==> flow/design.v <==
module add_unit_fa (
   input wire a,
   input wire b,
   input wire ci,
   output wire s,
   output wire co
);
   wire p = a ^ b;
   assign s = p ^ ci;
   assign co = p ? ci : a;
endmodule
module add_unit #(
   parameter integer BITS = 4
) (
   input core_clk,
   input srst,
   input en,
   input [BITS-1:0] lhs,
   input [BITS-1:0] rhs,
   input cin,
   output reg [BITS-1:0] total,
   output reg cy
);
   reg [BITS-1:0] lhs_s;
   reg [BITS-1:0] rhs_s;
   reg cin_s;
   wire [BITS-1:0] nxt;
   wire [BITS:0] chain;
   assign chain[0] = cin_s;
   genvar i;
   generate
      for (i = 0; i < BITS; i = i + 1) begin : lane
         add_unit_fa i_sub (.a(lhs_s[i]), .b(rhs_s[i]), .ci(chain[i]), .s(nxt[i]), .co(chain[i+1]));
      end
   endgenerate
   always @(posedge core_clk or posedge srst) begin
      if (srst) begin
         lhs_s <= 0;
         rhs_s <= 0;
         cin_s <= 1'b0;
         total <= 0;
         cy <= 1'b0;
      end else if (en) begin
         lhs_s <= lhs;
         rhs_s <= rhs;
         cin_s <= cin;
         total <= nxt;
         cy <= chain[BITS];
      end
   end
endmodule
Reports on add_unit:

Tool output for the design above, in the order of the flow.
Line numbers count from 1 in the design file above.
Operators carry their Yosys type and port widths (W data, S select, Z words).
Not given: n/a

* design top: add_unit
* clock: core_clk
* cell library: sky130hd
* library corner: tt_025C_1v80

After elaboration:

Source: Yosys, flattened and elaborated, memories not mapped. Widths are those after wreduce; folded enables and synchronous resets count as part of the registers. Registers that Yosys merges into a memory's read port (data or address) are not register bits. Print and check cells do not count. Equal cells are merged and count once.

* muxes and demuxes: 4
* bitwise logic cells: 8

Operators by type and width (count)
* $xor A1 B1 Y1: 8
* $mux W1: 4

* register bits after elaboration: 14
* output and inout bits: 5
* cells after elaboration: 17

Depth:

Longest topological path by Yosys (ltp), each cell counted once; first at word level (registers and memories cut), then after technology mapping (sequential cells cut; the memories' decode and read muxes count).

* depth in word-level cells: 5
* ABC_AREA: 0
* depth in mapped cells: 5

Mapped cells and area:

Source: synth_stat.txt of the flow (Yosys; design flattened, memories mapped). It holds for the ABC_AREA given above (unset counts as 0); a run with the other value may have another netlist.

* flip-flops: 14
* chip area (Yosys): 684.4 sq um
* cells in the netlist: 53

Cells by type
* sky130_fd_sc_hd__dfrtp_1: count 14, area in all 350.336 sq um
* sky130_fd_sc_hd__mux2_2: count 13, area in all 146.39 sq um
* sky130_fd_sc_hd__xnor2_1: count 7, area in all 61.309 sq um
* sky130_fd_sc_hd__buf_6: count 2, area in all 22.522 sq um
* sky130_fd_sc_hd__maj3_2: count 2, area in all 22.522 sq um
* sky130_fd_sc_hd__nand2_1: count 4, area in all 15.014 sq um
* sky130_fd_sc_hd__o21ai_0: count 2, area in all 10.01 sq um
* sky130_fd_sc_hd__a41oi_1: count 1, area in all 8.758 sq um
* sky130_fd_sc_hd__o22a_1: count 1, area in all 8.758 sq um
* sky130_fd_sc_hd__nand3b_1: count 1, area in all 7.507 sq um
* sky130_fd_sc_hd__and2_1: count 1, area in all 6.256 sq um
* sky130_fd_sc_hd__nand2b_1: count 1, area in all 6.256 sq um
* sky130_fd_sc_hd__nand4_1: count 1, area in all 6.256 sq um
* sky130_fd_sc_hd__nand3_1: count 1, area in all 5.005 sq um
* sky130_fd_sc_hd__inv_1: count 1, area in all 3.754 sq um
* sky130_fd_sc_hd__nor2_1: count 1, area in all 3.754 sq um

By module: a second synthesis without flattening, with its own total; a netlist apart from the flattened one above.

* cells (unflattened synthesis): 38
* area (unflattened synthesis): 658.1 sq um

Each row is one instance without its submodules.

Modules
* add_unit: area 523.0 sq um, cells 30, instances 1
* add_unit_fa: area 33.8 sq um, cells 2, instances 4

Path before layout:

Path of least setup slack by OpenSTA after synthesis, without wires, with an ideal clock, recovery checks aside; 20% of the period is set as input and as output delay. Where synthesis merged equal registers, the netlist keeps one of their names.

* path type: register to register
* start point: register rhs_s[0]
* end point: register total[2]
* stages: 5
* launch time at the first pin: 0 ps
* setup time: 125 ps
* delay of the path: 1519 ps
* required time: 1775 ps
* arrival time: 1394 ps
* path slack: 382 ps
* period: 1900 ps
* synthesis period reached: 1518 ps

"delay of the path" = arrival - input delay + setup time.
"stages" counts driving pins, that of a launching flip-flop among them; a cell with two outputs on the path counts twice.
"synthesis period reached" = period - worst setup slack (recovery checks aside). The figure is calculated, with input and output delays left at 20% of the set period.
Between the ends stands the longest chain of elaborated cells between them, by number of cells; it is not shown to be the way that was timed. Of several equally long chains one is given.
A line is the first line of the expression or statement that the cell stems from. Yosys adds cells for indexed reads and writes and turns some case tables into memories.

* cells stage by stage: sky130_fd_sc_hd__dfrtp_1 sky130_fd_sc_hd__maj3_2 sky130_fd_sc_hd__maj3_2 sky130_fd_sc_hd__xnor2_1 sky130_fd_sc_hd__mux2_2
* length of the longest elaborated chain: 4

RTL lines, path post-synthesis
* start: declaration: line 25 `reg [BITS-1:0] rhs_s;`
* start: assignment: line 39 `rhs_s <= 0;`
* start: assignment: line 45 `rhs_s <= rhs;`
* $xor A1 B1 Y1: line 8 `wire p = a ^ b;`
* $mux W1 (2 in a row): line 10 `assign co = p ? ci : a;`
* $xor A1 B1 Y1: line 9 `assign s = p ^ ci;`
* end: assignment: line 41 `total <= 0;`
* end: assignment: line 47 `total <= nxt;`
* end: declaration: line 21 `output reg [BITS-1:0] total,`

Worst path after layout:

Path of least setup slack in the final report of entry A (OpenROAD, finished layout, wires in). Where an end is a register, its clock arrival counts in the times.
The report prints the path's times to 10 ps; the period is as set.

* path type: register to register
* start point: register lhs_s[0]
* end point: register total[2]
* stages: 5
* required time: 1860 ps
* arrival time: 1720 ps
* launch time at the first pin: 270 ps
* period: 1700 ps
* path slack: 140 ps
* setup time: 110 ps

Between the ends stands the longest chain of elaborated cells between them, by number of cells; it is not shown to be the way that was timed. Of several equally long chains one is given.

* cells stage by stage: sky130_fd_sc_hd__dfrtp_1 sky130_fd_sc_hd__maj3_2 sky130_fd_sc_hd__maj3_2 sky130_fd_sc_hd__xnor2_1 sky130_fd_sc_hd__mux2_2
* length of the longest elaborated chain: 4

RTL lines, path after layout
* start: declaration: line 24 `reg [BITS-1:0] lhs_s;`
* start: assignment: line 38 `lhs_s <= 0;`
* start: assignment: line 44 `lhs_s <= lhs;`
* $xor A1 B1 Y1: line 8 `wire p = a ^ b;`
* $mux W1 (2 in a row): line 10 `assign co = p ? ci : a;`
* $xor A1 B1 Y1: line 9 `assign s = p ^ ci;`
* end: assignment: line 41 `total <= 0;`
* end: assignment: line 47 `total <= nxt;`
* end: declaration: line 21 `output reg [BITS-1:0] total,`

Appendix: measured runs

Settings and measured results of 3 stored flow runs for module add_unit (sky130hd), not sorted in any way. The constraints put input and output delay at 20% of the set period each and load the outputs with 0.01 pF.
"clock period reached" is the run's clock period less its worst setup slack. It is reckoned from that one timing run; input and output delays stay at 20% of the period that was set.
"time on the worst setup path" = time allowed to the worst setup path (clock period - input delay - output delay, where it has them) - its slack; a late launch clock adds to it, a late capture clock takes from it.
"time on the worst setup path" is known to 10 ps.

### Entry A

Settings: `period_ns=1.7`, `CORE_UTILIZATION=23`, `SETUP_SLACK_MARGIN=0.07`, `PLACE_DENSITY_LB_ADDON=0.08`, `CORE_MARGIN=7`, `GPL_TIMING_DRIVEN=1`, `MIN_ROUTING_LAYER=met1`, `MAX_ROUTING_LAYER=met5`, `CAP_MARGIN=20`, `SLEW_MARGIN=20`

- Total negative slack on setup checks: 0 ps
- Worst setup slack after layout: 145 ps
- Area of the die: 4699.1 sq um
- Post-layout utilization: 0.328
- Clock period reached: 1555 ps
- Time on the worst setup path: 1560 ps
- Critical path kind: register to register
- Cell area after synthesis: 684.4 sq um

### Entry B

Settings: `period_ns=1.9`, `CAP_MARGIN=20`, `CORE_MARGIN=2`, `CORE_UTILIZATION=40`, `SLEW_MARGIN=20`

- Area of the die: 2058.0 sq um
- Clock period reached: 1551 ps
- Total negative slack on setup checks: 0 ps
- Time on the worst setup path: 1170 ps
- Critical path kind: register to output
- Post-layout utilization: 0.559
- Cell area after synthesis: 684.4 sq um
- Worst setup slack after layout: 349 ps

### Entry C

Settings: `period_ns=1.36`, `CORE_UTILIZATION=49`, `PLACE_DENSITY_LB_ADDON=0.01`, `CELL_PAD_IN_SITES_DETAIL_PLACEMENT=1`, `ABC_AREA=0`, `CTS_CLUSTER_DIAMETER=220`, `CAP_MARGIN=20`, `CORE_MARGIN=2`, `SLEW_MARGIN=20`

- Cell area after synthesis: 684.4 sq um
- Area of the die: 1711.9 sq um
- Post-layout utilization: 0.778
- Clock period reached: 1600 ps
- Worst setup slack after layout: -240 ps
- Time on the worst setup path: 1600 ps
- Critical path kind: register to register
- Total negative slack on setup checks: -856 ps
